==> flow/design.v <==
module switch #(
    parameter int DWIDTH = 2,
    parameter int LANES = 12,
    parameter int LOGN = $clog2(LANES)
) (
    input logic ck,
    input logic clr,
    input logic valid,
    input logic [LANES*DWIDTH-1:0] val,
    input logic [LOGN-1:0] choose,
    output logic [DWIDTH-1:0] data_out
);
    logic [LANES*DWIDTH-1:0] val_d1;
    logic [LOGN-1:0] choose_d1;
    always_ff @(posedge ck or posedge clr) begin
        if (clr) begin
            val_d1 <= 0;
            choose_d1 <= 0;
        end else if (valid) begin
            val_d1 <= val;
            choose_d1 <= choose;
        end
    end
    logic [DWIDTH-1:0] cur;
    always_comb begin
        cur = 0;
        for (int n = 0; n < LANES; n++)
            if (choose_d1 == n) cur = val_d1[n*DWIDTH +: DWIDTH];
    end
    always_ff @(posedge ck or posedge clr) begin
        if (clr) begin
            data_out <= 0;
        end else if (valid) begin
            data_out <= cur;
        end
    end
endmodule
Memo
Re: synthesis data of switch

# From RTL to reports: switch

Module switch in several versions that differ in "LANES"; each step lists the members.
The RTL above is that of LANES=12; lines are counted from 1 in the file of the member named.
Operators carry their Yosys type and port widths (W data, S select, Z words).
Cell names lack the library's common part.
A cell with - has no value.

Top module: switch
Clock port: ck
Standard-cell library: sky130hd
Timing corner: tt_025C_1v80

# Source of the members

New or changed lines of each further member against the RTL above, in its own file; lines it lacks are not shown.

Lines new or changed:

| LANES | RTL line | RTL |
| 16    | 3        | `parameter int LANES = 16,` |
| 32    | 3        | `parameter int LANES = 32,` |

# After elaboration

Counts by Yosys on the flattened word-level netlist (proc, flatten, opt, wreduce; memories kept). Register bits leave out memories and registers merged into their read ports (data or address); mux counts leave out enables and synchronous resets folded into registers. Print and check cells are left out. Cells with the same type and inputs are merged into one.

Operators by class:

| LANES | reduce/logical cells | equality and inequality tests | multiplexer cells |
| 12    | 1                    | 11                            | 12 |
| 16    | 1                    | 15                            | 16 |
| 32    | 1                    | 31                            | 32 |

Operators by type and width:

| LANES | kind and count |
| 12    | $mux W2: 12; $eq A4 B3 Y1 const B: 4; $eq A4 B4 Y1 const B: 4; $eq A4 B2 Y1 const B: 2; $eq A4 B1 Y1 const B: 1; $logic_not A4 Y1: 1 |
| 16    | $eq A4 B4 Y1 const B: 8; $mux W2: 16; $eq A4 B3 Y1 const B: 4; $eq A4 B2 Y1 const B: 2; $eq A4 B1 Y1 const B: 1; $logic_not A4 Y1: 1 |
| 32    | $eq A5 B5 Y1 const B: 16; $mux W2: 32; $eq A5 B4 Y1 const B: 8; $eq A5 B3 Y1 const B: 4; $eq A5 B2 Y1 const B: 2; $eq A5 B1 Y1 const B: 1; $logic_not A5 Y1: 1 |

Storage and ports:

| LANES | input bits | register bits | elaborated cells | output and inout bits |
| 12    | 31         | 30            | 27               | 2 |
| 16    | 39         | 38            | 35               | 2 |
| 32    | 72         | 71            | 67               | 2 |

# Depth

Longest topological path by Yosys (ltp), each cell counted once; first at word level (registers and memories cut), then after technology mapping (sequential cells cut; the memories' decode and read muxes count).

Depth:

| LANES | depth after elaboration | ABC_AREA | mapped depth |
| 12    | 13                      | 0        | 7 |
| 16    | 17                      | 0        | 7 |
| 32    | 33                      | 0        | 8 |

# Netlist

Source: synth_stat.txt of the flow (Yosys; design flattened, memories mapped). It holds for the ABC_AREA given above (unset counts as 0); a run with the other value may have another netlist.
Totals and module areas in this step are rounded.

Mapped netlist:

| LANES | flip-flop cells | chip area (Yosys) (um^2) | standard cells after synthesis | sequential part of the area (um^2) |
| 12    | 30              | 1470                     | 128                            | 750.7 |
| 16    | 38              | 1873                     | 156                            | 950.9 |
| 32    | 71              | 3742                     | 311                            | 1777 |

Cells by type:

| LANES | types with counts |
| 12    | dfrtp_1: 30; mux2_2: 26; nand2_1: 12; mux2i_1: 4; o21ai_0: 8; mux2_4: 2; buf_2: 5; nand2b_1: 4; nor2_1: 6; o32a_1: 2; inv_1: 5; a221oi_1: 2; a31o_1: 2; a21oi_1: 3; nand3b_1: 2; o31ai_1: 2; a31oi_1: 2; o22ai_1: 2; (+9) |
| 16    | dfrtp_1: 38; mux2_2: 36; nand2b_1: 5; nand2_1: 8; o21ai_0: 6; mux4_1: 1; a21oi_1: 5; a31oi_1: 4; buf_2: 5; nor3b_1: 3; mux2i_1: 2; nor2_1: 5; o22ai_1: 3; a211oi_1: 2; buf_4: 2; nand4_1: 2; buf_6: 1; clkbuf_1: 3; (+25) |
| 32    | dfrtp_1: 71; mux2_2: 70; buf_6: 8; o21ai_0: 14; nand2b_1: 8; a22oi_1: 6; nand2_1: 12; mux2i_1: 4; nor2b_1: 6; o221ai_1: 4; o311ai_2: 2; a211oi_1: 4; a21oi_1: 6; buf_2: 6; and3b_1: 3; buf_1: 7; inv_1: 7; nand4b_1: 3; (+70) |

A list marked (+n) leaves out that many cells.

# Path before layout

Source: OpenSTA report_checks on the synthesized netlist (no wires, ideal clock, input and output delay 20% of the period each), path of least setup slack; recovery checks are left aside. Register names are those of the netlist, which keeps one name where synthesis merged equal registers.

Path post-synthesis:

| LANES | kind    | from                 | to              | slack (ns) | clock period (ns) | delay of the path (ns) | driving pins on the path | period reached after synthesis (ns) |
| 12    | reg2reg | reg (name not given) | reg data_out[0] | 0.359      | 1.78              | 1.421                  | 6                        | 1.421 |
| 16    | reg2reg | reg (name not given) | reg data_out[1] | 0.356      | 1.79              | 1.435                  | 7                        | 1.434 |
| 32    | reg2reg | reg (name not given) | reg data_out[0] | 0.409      | 2.03              | 1.622                  | 8                        | 1.621 |

"delay of the path" = arrival - input delay + setup time.
"driving pins on the path": output pins that drive a net of the path, with the launching flip-flop's if there is one; two outputs of one cell count as two.
"period reached after synthesis" is the clock period less the worst setup slack; recovery checks do not enter. This is arithmetic on one report: input and output delays are still those of the set period (20% each).
Between the ends stands the longest chain of elaborated cells between them, by number of cells; it is not shown to be the way that was timed. Of several equally long chains one is given.
A line is the first line of the expression or statement that the cell stems from. Yosys adds cells for indexed reads and writes and turns some case tables into memories.

Between the ends, post-synthesis, LANES=12:
Length of the longest elaborated chain: 13

RTL lines, path post-synthesis, LANES=12:

| item             | RTL line | RTL |
| start, declared  | 14       |  |
| start, assigned  | 18       |  |
| start, assigned  | 21       |  |
| $logic_not A4 Y1 | 28       |  |
| $mux W2 x12      | 28       |  |
| end, assigned    | 32       | `data_out <= 0;` |
| end, assigned    | 34       | `data_out <= cur;` |
| end, declared    | 11       | `output logic [DWIDTH-1:0] data_out` |

Between the ends, post-synthesis, LANES=32:
Length of the longest elaborated chain: 33

RTL lines, path post-synthesis, LANES=32:

| item             | RTL line | RTL |
| start, declared  | 14       |  |
| start, assigned  | 18       |  |
| start, assigned  | 21       |  |
| $logic_not A5 Y1 | 28       |  |
| $mux W2 x32      | 28       |  |
| end, assigned    | 32       | `data_out <= 0;` |
| end, assigned    | 34       | `data_out <= cur;` |
| end, declared    | 11       | `output logic [DWIDTH-1:0] data_out` |

# Path in the finished layout

From the final timing report of the run of each member: the path of least setup slack in the routed layout; clock arrival at registers is part of the times.

Path after layout:

| LANES | kind    | from                 | to              | arrival time (ns) | clock period (ns) | path buffers | slack (ns) | driving pins on the path |
| 12    | reg2reg | reg (name not given) | reg data_out[0] | 1.70              | 1.78              | 0            | 0.24       | 5 |
| 16    | reg2reg | reg (name not given) | reg data_out[1] | 1.84              | 1.79              | 1            | 0.15       | 7 |
| 32    | reg2reg | reg (name not given) | reg data_out[0] | 2.13              | 2.03              | 1            | 0.16       | 7 |

# Measured runs

Settings and results of one run of the flow (Yosys, OpenROAD) for each member follow. The constraints put input and output delay at 20% of the set period each and load the outputs with 0.01 pF.

CAP_MARGIN: 20
CORE_MARGIN: 2
CORE_UTILIZATION: 40
SLEW_MARGIN: 20

Settings that differ:

| LANES | period_ns |
| 12    | 1.78 |
| 16    | 1.79 |
| 32    | 2.03 |

Final reports:

| LANES | area inside the die boundary (um^2) | worst slack on setup checks (ns) | standard-cell area of the final layout (um^2) | synthesis area (um^2) | total power of the final layout (uW) |
| 12    | 4176                                | 0.239                            | 1913                                          | 1470                  | 1637 |
| 16    | 5246                                | 0.152                            | 2465                                          | 1873                  | 2134 |
| 32    | 10150                               | 0.155                            | 4865                                          | 3742                  | 3866 |

"total power of the final layout": no workload was simulated; the value follows from the tool's default switching activity.
The results are shown rounded.
